==> flow/design.v <==
module u_adder_p #(
  parameter DW = 32
) (
  input  core_clk,
  input  clr,
  input  [DW-1:0] in_da,
  input  [DW-1:0] in_db,
  input  in_cin,
  output [DW-1:0] out_s,
  output out_co
);
  wire [DW-1:0] nxt;
  wire [DW:0] carry;
  assign carry[0] = in_cin;
  genvar g;
  generate
    for (g = 0; g < DW; g = g + 1) begin : slice
      assign nxt[g] = in_da[g] ^ in_db[g] ^ carry[g];
      assign carry[g+1] = (in_da[g] & in_db[g]) | (carry[g] & (in_da[g] ^ in_db[g]));
    end
  endgenerate
  reg [DW-1:0] s_reg;
  always @(posedge core_clk or posedge clr) begin
    if (clr) begin
      s_reg <= 0;
    end else begin
      s_reg <= nxt;
    end
  end
  assign out_s = s_reg;
  reg co_reg;
  always @(posedge core_clk or posedge clr) begin
    if (clr) begin
      co_reg <= 1'b0;
    end else begin
      co_reg <= carry[DW];
    end
  end
  assign out_co = co_reg;
endmodule
# ---- Step by step through the tools: u_adder_p
# What the tools print for u_adder_p, step after step.
# Line numbers count from 1 in the design file above.
# Cell names lack the library's common part.
# The mark - stands for no value.
dict set report design {
  top {u_adder_p}
  clock_port {core_clk}
  cell_library {sky130hd}
  pvt_corner {tt_025C_1v80}
}

# ---- Word level
# Counts by Yosys on the flattened word-level netlist (proc, flatten, opt, wreduce; memories kept). Register bits leave out memories and registers merged into their read ports (data or address); mux counts leave out enables and synchronous resets folded into registers. Print and check cells are left out. Cells with the same type and inputs are merged into one.
dict set report word_totals {
  out_inout_bits 33
  ff_bits 33
  input_bits 67
}
dict set report op_classes {
  bitwise 160
}
# op n
set ops {}
lappend ops {{1-bit AND} 64}
lappend ops {{1-bit bitwise XOR} 64}
lappend ops {{1-bit OR} 32}

# ---- Longest topological paths
# Depth = most cells in a row (Yosys ltp): at word level without a register or memory, in the mapped netlist without a sequential cell, where the memories' decode and read muxes count.
dict set report depth {
  word_depth 65
  ABC_AREA 0
  mapped_depth 36
}

# ---- Synthesis result
# Source: synth_stat.txt of the flow (Yosys; design flattened, memories mapped). It holds for the ABC_AREA given above (unset counts as 0); a run with the other value may have another netlist.
# cell_type n area_total_um2
set types {}
lappend types {dfrtp_1 33 825.792}
lappend types {fa_1 32 640.614}
lappend types {inv_1 11 41.29}
dict set report mapped {
  buf_cells 0
  seqArea_mm2 0.0008258
  stdcells 76
  flip_flops 33
  synth_area_mm2 0.0015077
}

# ---- Path before layout
# Path of least setup slack by OpenSTA after synthesis, without wires, with an ideal clock, recovery checks aside; 20% of the period is set as input and as output delay. Where synthesis merged equal registers, the netlist keeps one of their names.
dict set report synth_timing {
  path_type {input to register}
  from {input in_da[0]}
  to {register s_reg[31]}
  delay_ps 12203
  path_slack_ps 3077
  t_arrival_ps 15959
  launch_ps 3820
  path_buffers 0
  required_time_ps 19036
  period_ps 19100
  stages 36
  period_less_setup_slack_ps 16023
}
# "delay_ps" is the arrival time less input delay plus setup time.
# "stages": output pins that drive a net of the path, with the launching flip-flop's if there is one; two outputs of one cell count as two.
# "period_less_setup_slack_ps" is the clock period less the worst setup slack; recovery checks do not enter. This is arithmetic on one report: input and output delays are still those of the set period (20% each).
# Between the ends stands the longest chain of elaborated cells between them, by number of cells; it is not shown to be the way that was timed. Of several equally long chains one is given.
# A line is the first line of the expression or statement that the cell stems from. Yosys adds cells for indexed reads and writes and turns some case tables into memories.
dict set report synth_via {
  path_cell_list {fa_1 -> fa_1 -> fa_1 -> fa_1 -> fa_1 -> fa_1 -> fa_1 -> fa_1 -> fa_1 -> fa_1 -> fa_1 -> fa_1 -> fa_1 -> fa_1 -> fa_1 -> fa_1 -> fa_1 -> fa_1 -> fa_1 -> fa_1 -> fa_1 -> fa_1 -> fa_1 -> fa_1 -> fa_1 -> fa_1 -> fa_1 -> fa_1 -> fa_1 -> inv_1 -> fa_1 -> inv_1 -> fa_1 -> inv_1 -> fa_1 -> inv_1}
  elab_chain_len 64
  cone_cells 65
  cone_classes {logic (65)}
}
# item line_no
set synth_rtl {}
lappend synth_rtl {{start: declaration} 6} ;# input  [DW-1:0] in_da,
lappend synth_rtl {{1-bit bitwise XOR} 19} ;# assign carry[g+1] = (in_da[g] & in_db[g]) | (carry[g] & (in_da[g] ^ in_db[g]));
lappend synth_rtl {{1-bit AND} 19}
lappend synth_rtl {{1-bit OR} 19}
lappend synth_rtl {{1-bit AND} 19}
lappend synth_rtl {{1-bit OR} 19}
lappend synth_rtl {{1-bit AND} 19}
lappend synth_rtl {{1-bit OR} 19}
lappend synth_rtl {{[50 not listed]} -}
lappend synth_rtl {{1-bit AND} 19}
lappend synth_rtl {{1-bit OR} 19}
lappend synth_rtl {{1-bit AND} 19}
lappend synth_rtl {{1-bit OR} 19}
lappend synth_rtl {{1-bit AND} 19}
lappend synth_rtl {{1-bit OR} 19}
lappend synth_rtl {{1-bit bitwise XOR} 18} ;# assign nxt[g] = in_da[g] ^ in_db[g] ^ carry[g];
lappend synth_rtl {{end: assignment} 25} ;# s_reg <= 0;
lappend synth_rtl {{end: assignment} 27} ;# s_reg <= nxt;
lappend synth_rtl {{end: declaration} 22} ;# reg [DW-1:0] s_reg;

# ---- Timing after layout
# From the final timing report of job 1: the path of least setup slack in the routed layout; clock arrival at registers is part of the times.
# The report prints the path's times to 10 ps; the period is as set.
dict set report layout_timing {
  path_type {input to register}
  from {input in_da[0]}
  to {register s_reg[31]}
  launch_ps 3820
  period_ps 19100
  required_time_ps 19320
  path_buffers 1
  t_arrival_ps 16900
  stages 37
  path_slack_ps 2420
}
# Between the ends stands the longest chain of elaborated cells between them, by number of cells; it is not shown to be the way that was timed. Of several equally long chains one is given.
dict set report layout_via {
  path_cell_list {clkdlybuf4s50_1 -> fa_1 -> fa_1 -> fa_1 -> fa_1 -> fa_1 -> fa_1 -> fa_1 -> fa_1 -> fa_1 -> fa_1 -> fa_1 -> fa_1 -> fa_1 -> fa_1 -> fa_1 -> fa_1 -> fa_1 -> fa_1 -> fa_1 -> fa_1 -> fa_1 -> fa_1 -> fa_1 -> fa_1 -> fa_1 -> fa_1 -> fa_1 -> fa_1 -> fa_1 -> inv_1 -> fa_1 -> inv_1 -> fa_1 -> inv_1 -> fa_1 -> inv_1}
  elab_chain_len 64
  cone_cells 65
  cone_classes {logic (65)}
}
# item line_no
set layout_rtl {}
lappend layout_rtl {{start: declaration} 6} ;# input  [DW-1:0] in_da,
lappend layout_rtl {{1-bit bitwise XOR} 19} ;# assign carry[g+1] = (in_da[g] & in_db[g]) | (carry[g] & (in_da[g] ^ in_db[g]));
lappend layout_rtl {{1-bit AND} 19}
lappend layout_rtl {{1-bit OR} 19}
lappend layout_rtl {{1-bit AND} 19}
lappend layout_rtl {{1-bit OR} 19}
lappend layout_rtl {{1-bit AND} 19}
lappend layout_rtl {{1-bit OR} 19}
lappend layout_rtl {{[50 not listed]} -}
lappend layout_rtl {{1-bit AND} 19}
lappend layout_rtl {{1-bit OR} 19}
lappend layout_rtl {{1-bit AND} 19}
lappend layout_rtl {{1-bit OR} 19}
lappend layout_rtl {{1-bit AND} 19}
lappend layout_rtl {{1-bit OR} 19}
lappend layout_rtl {{1-bit bitwise XOR} 18} ;# assign nxt[g] = in_da[g] ^ in_db[g] ^ carry[g];
lappend layout_rtl {{end: assignment} 25} ;# s_reg <= 0;
lappend layout_rtl {{end: assignment} 27} ;# s_reg <= nxt;
lappend layout_rtl {{end: declaration} 22} ;# reg [DW-1:0] s_reg;

# Module u_adder_p, platform sky130hd: 3 stored runs of the flow (Yosys, OpenROAD) with differing settings, in no particular order. Input and output delays are each 20% of the period that was set; the output load is 0.01 pF.
# "period_less_ws_ps" means the clock period less the worst setup slack. The figure is calculated, with input and output delays left at 20% of the set period.
# "critical_path_time_ps" means the part of the period allowed to the worst setup path (the constraints hold back 20% at inputs and 20% at outputs) less its slack; where the path has registers, the arrival times of their clocks count too.
# "power_uw" rests on the timing tool's default activity at the inputs, not on a simulated workload.
# "critical_path_time_ps" is known to 10 ps.
run="job 1" settings period_ns=19.1 CAP_MARGIN=20 CORE_MARGIN=2 CORE_UTILIZATION=40 SLEW_MARGIN=20
run="job 1" results final_setup_ws_ps=2419 die_mm2=0.0042765 fin_util_frac=0.729 stdcell_area_mm2=0.0026488 synth_area_mm2=0.0015077 fin_tns_ps=0 critical_path_time_ps=12860 timing.worst_path_kind="input to register" power_uw=203.4 period_less_ws_ps=16681
run="job 2" settings period_ns=24.1 CORE_UTILIZATION=64 PLACE_DENSITY_LB_ADDON=0.06 CORE_MARGIN=7 CELL_PAD_IN_SITES_DETAIL_PLACEMENT=0 GPL_TIMING_DRIVEN=0 CAP_MARGIN=5 SLEW_MARGIN=20
run="job 2" outcome="stopped before the end: placement reported FLW-0024"
run="job 3" settings period_ns=20.0 CORE_UTILIZATION=59 SETUP_SLACK_MARGIN=-0.07 HOLD_SLACK_MARGIN=0.16 CELL_PAD_IN_SITES_GLOBAL_PLACEMENT=1 GPL_TIMING_DRIVEN=1 GPL_ROUTABILITY_DRIVEN=0 CTS_CLUSTER_SIZE=56 CTS_CLUSTER_DIAMETER=265 SLEW_MARGIN=10 CAP_MARGIN=20 CORE_MARGIN=2
run="job 3" outcome="stopped before the end: placement reported GPL-0301"
